==> flow/design.v <==
module alu_mplex_blk (ck, ch, s, result);
  parameter W = 12;
  parameter INPUTS = 3;
  localparam LOGN = $clog2(INPUTS);
  input ck;
  input [INPUTS*W-1:0] ch;
  input [LOGN-1:0] s;
  output [W-1:0] result;
  reg [INPUTS*W-1:0] ch_reg;
  reg [LOGN-1:0] s_reg;
  always @(posedge ck) begin
    ch_reg <= ch;
    s_reg <= s;
  end
  wire [INPUTS-1:0] dec;
  assign dec = {{(INPUTS-1){1'b0}}, 1'b1} << s_reg;
  reg [W-1:0] r;
  integer k;
  always @* begin
    r = 0;
    for (k = 0; k < INPUTS; k = k + 1)
      r = r | (ch_reg[k*W +: W] & {W{dec[k]}});
  end
  assign result = r;
endmodule
# == Reports on alu_mplex_blk ==
# The steps from the RTL of alu_mplex_blk to its reports follow in flow order.
# Lines are those of the file above, counted from 1.
# Operators carry their Yosys type and port widths (W data, S select, Z words).
# The mark n/a stands for no value.
# setup
design,alu_mplex_blk
clock,ck
lib,sky130hd
corner,tt_025C_1v80

# == Word-level counts ==
# Source: Yosys, flattened and elaborated, memories not mapped. Widths are those after wreduce; folded enables and synchronous resets count as part of the registers. Registers that Yosys merges into a memory's read port (data or address) are not register bits. Print and check cells do not count. Equal cells are merged and count once.
# classes
n_addsub,0
n_mul,0
div,0
n_cmp,0
n_eq,0
n_shift,1
muxes,0
bitwise,5
reduce_and_logical,0
# ops
operator,n
$and A12 B12 Y12,3
$or A12 B12 Y12,2
$shl A1 B2 Y3 const A,1
# bits
register_bits,38
latchBits,0
ramBits,0
romBits,0
clocked_rd_ports_x_width,0
mem_count,0
output_inout_bits,12
wordCells,8

# == Depth ==
# Yosys ltp: most cells in a row. Word level: on the elaborated netlist, between registers, memories and ports. Mapped: between sequential cells and ports; inverters and the memories' decode and read muxes count.
# logic_depth
depth_word,4
abc_area,0
ltp_mapped,3
mapped_depth_nobuf,2

# == Mapped cells and area ==
# The flow's flattened synthesis, as Yosys stat reports it; memories are mapped. The netlist is that of the ABC_AREA named above (0 if unset); the other value can give another one.
# The area totals of this step are shown rounded.
# synth_totals
mapped_cells,66
mapped_area_um2,1010
ff_cells,38
buffers,3
# types
type,n,area_total_um2
sky130_fd_sc_hd__dfxtp_1,38,760.73
sky130_fd_sc_hd__mux2i_1,12,120.115
sky130_fd_sc_hd__o2bb2ai_1,12,105.101
sky130_fd_sc_hd__buf_6,1,11.261
sky130_fd_sc_hd__nor2b_1,1,6.256
sky130_fd_sc_hd__buf_2,1,5.005
sky130_fd_sc_hd__clkbuf_1,1,3.754

# == Timing after synthesis ==
# Source: OpenSTA report_checks on the synthesized netlist (no wires, ideal clock, input and output delay 20% of the period each), path of least setup slack; recovery checks are left aside. Register names are those of the netlist, which keeps one name where synthesis merged equal registers.
# synth_path
kind,flip-flop to output port
start,reg s_reg[1]
end,out result[10]
clock_period_ps,1410
out_delay_ps,282
arrival_time_ps,900
required_ps,1128
path_slack_ps,228
path_delay_ps,900
driving_pins,4
period_less_setup_slack_ps,1182
# "path_delay_ps" = arrival - input delay + setup time.
# At an output port there is no setup time.
# "driving_pins" counts driving pins, that of a launching flip-flop among them; a cell with two outputs on the path counts twice.
# "period_less_setup_slack_ps" = period - worst setup slack (recovery checks aside). The figure is calculated, with input and output delays left at 20% of the set period.
# Between the ends stands the longest chain of elaborated cells between them, by number of cells; it is not shown to be the way that was timed. Of several equally long chains one is given.
# Each line given opens the expression or statement behind the cell; cells for indexed reads and writes are added by Yosys, which also makes memories of some case tables.
# synth_via
cell_sequence,sky130_fd_sc_hd__dfxtp_1 -> sky130_fd_sc_hd__nor2b_1 -> sky130_fd_sc_hd__buf_2 -> sky130_fd_sc_hd__o2bb2ai_1
elab_chain_cells,4
# synth_rtl
element,line_no,source
"start, declared",10,reg [LOGN-1:0] s_reg;
"start, assigned",13,s_reg <= s;
$shl A1 B2 Y3,16,"assign dec = {{(INPUTS-1){1'b0}}, 1'b1} << s_reg;"
$and A12 B12 Y12,22,r = r | (ch_reg[k*W +: W] & {W{dec[k]}});
$or A12 B12 Y12 (2 in a row),22,
"end, declared",8,output [W-1:0] result;

# == Timing after layout ==
# From the final timing report of flow run 1: the path of least setup slack in the routed layout; clock arrival at registers is part of the times.
# The report prints the path's times to 10 ps; the period is as set.
# layout_path
kind,flip-flop to output port
start,reg s_reg[0]
end,out result[4]
clock_period_ps,783
out_delay_ps,160
arrival_time_ps,1270
required_ps,630
path_slack_ps,-650
driving_pins,5
# Between the ends stands the longest chain of elaborated cells between them, by number of cells; it is not shown to be the way that was timed. Of several equally long chains one is given.
# layout_via
cell_sequence,sky130_fd_sc_hd__dfxtp_4 -> sky130_fd_sc_hd__buf_12 -> sky130_fd_sc_hd__mux2i_1 -> sky130_fd_sc_hd__o2bb2ai_2 -> sky130_fd_sc_hd__buf_2
elab_chain_cells,4
# layout_rtl
element,line_no,source
"start, declared",10,reg [LOGN-1:0] s_reg;
"start, assigned",13,s_reg <= s;
$shl A1 B2 Y3,16,"assign dec = {{(INPUTS-1){1'b0}}, 1'b1} << s_reg;"
$and A12 B12 Y12,22,r = r | (ch_reg[k*W +: W] & {W{dec[k]}});
$or A12 B12 Y12 (2 in a row),22,
"end, declared",8,output [W-1:0] result;

# Flow runs of alu_mplex_blk

Design alu_mplex_blk on sky130hd. What follows are 3 stored runs of the flow, each under its own settings; their order means nothing. The constraints put input and output delay at 20% of the set period each and load the outputs with 0.01 pF.
"achievedPeriod_ps": clock period set for the run, less the worst setup slack. It is reckoned from that one timing run; input and output delays stay at 20% of the period that was set.
Values from the reports are rounded here.

Flow run 1, flow files:
==> flow/run.sh <==
#!/bin/bash
# the make line also repeats the synthesis and layout settings of config.mk as NAME=value (left out here)
make -C /OpenROAD-flow-scripts/flow DESIGN_CONFIG=/design/flow/config.mk WORK_HOME=/design/flow/orfs CLKGATE_MAP_FILE= finish
==> flow/config.mk <==
export PLATFORM = sky130hd
export DESIGN_NAME = alu_mplex_blk
export DESIGN_NICKNAME = alu_mplex_blk
export VERILOG_FILES = /design/flow/design.v
export SDC_FILE = /design/flow/constraint.sdc
export NUM_CORES = 4
export LEC_CHECK = 0
export ABC_AREA = 0
export CAP_MARGIN = 20
export CELL_PAD_IN_SITES_GLOBAL_PLACEMENT = 3
export CORE_ASPECT_RATIO = 0.82
export CORE_MARGIN = 3
export CORE_UTILIZATION = 29
export CTS_CLUSTER_DIAMETER = 307
export MAX_ROUTING_LAYER = met4
export MIN_ROUTING_LAYER = met2
export SETUP_SLACK_MARGIN = -0.06
export SLEW_MARGIN = 10
export TNS_END_PERCENT = 75
==> flow/constraint.sdc <==
create_clock -name core_clock -period 0.783 [get_ports {ck}]
set_input_delay 0.1566 -clock core_clock [delete_from_list [all_inputs] [get_ports {ck}]]
set_output_delay 0.1566 -clock core_clock [all_outputs]
set_load 0.01 [all_outputs]

==> results of flow run 1, as CSV <==
result,value
timing.hold.ws_ps,303
setup_ws_ps,-647
post_synth_area_um2,1010
dieArea_um2,4240
layout_utilization_pct,56.3
achievedPeriod_ps,1430

Flow run 2, flow files:
==> flow/run.sh <==
#!/bin/bash
# the make line also repeats the synthesis and layout settings of config.mk as NAME=value (left out here)
make -C /OpenROAD-flow-scripts/flow DESIGN_CONFIG=/design/flow/config.mk WORK_HOME=/design/flow/orfs CLKGATE_MAP_FILE= finish
==> flow/config.mk <==
export PLATFORM = sky130hd
export DESIGN_NAME = alu_mplex_blk
export DESIGN_NICKNAME = alu_mplex_blk
export VERILOG_FILES = /design/flow/design.v
export SDC_FILE = /design/flow/constraint.sdc
export NUM_CORES = 4
export LEC_CHECK = 0
export CAP_MARGIN = 20
export CORE_MARGIN = 2
export CORE_UTILIZATION = 40
export SLEW_MARGIN = 20
==> flow/constraint.sdc <==
create_clock -name core_clock -period 1.41 [get_ports {ck}]
set_input_delay 0.2820 -clock core_clock [delete_from_list [all_inputs] [get_ports {ck}]]
set_output_delay 0.2820 -clock core_clock [all_outputs]
set_load 0.01 [all_outputs]

==> results of flow run 2, as CSV <==
result,value
timing.hold.ws_ps,385
setup_ws_ps,-149
post_synth_area_um2,1010
dieArea_um2,2950
layout_utilization_pct,68.1
achievedPeriod_ps,1559

Flow run 3, flow files:
==> flow/run.sh <==
#!/bin/bash
# the make line also repeats the synthesis and layout settings of config.mk as NAME=value (left out here)
make -C /OpenROAD-flow-scripts/flow DESIGN_CONFIG=/design/flow/config.mk WORK_HOME=/design/flow/orfs CLKGATE_MAP_FILE= finish
==> flow/config.mk <==
export PLATFORM = sky130hd
export DESIGN_NAME = alu_mplex_blk
export DESIGN_NICKNAME = alu_mplex_blk
export VERILOG_FILES = /design/flow/design.v
export SDC_FILE = /design/flow/constraint.sdc
export NUM_CORES = 4
export LEC_CHECK = 0
export CAP_MARGIN = 20
export CORE_MARGIN = 2
export CORE_UTILIZATION = 36
export CTS_CLUSTER_SIZE = 70
export GPL_ROUTABILITY_DRIVEN = 1
export GPL_TIMING_DRIVEN = 0
export PLACE_DENSITY_LB_ADDON = 0.2
export SLEW_MARGIN = 15
export TNS_END_PERCENT = 75
==> flow/constraint.sdc <==
create_clock -name core_clock -period 0.862 [get_ports {ck}]
set_input_delay 0.1724 -clock core_clock [delete_from_list [all_inputs] [get_ports {ck}]]
set_output_delay 0.1724 -clock core_clock [all_outputs]
set_load 0.01 [all_outputs]

==> results of flow run 3, as CSV <==
result,value
timing.hold.ws_ps,274
setup_ws_ps,-662
post_synth_area_um2,1010
dieArea_um2,3250
layout_utilization_pct,65.7
achievedPeriod_ps,1524
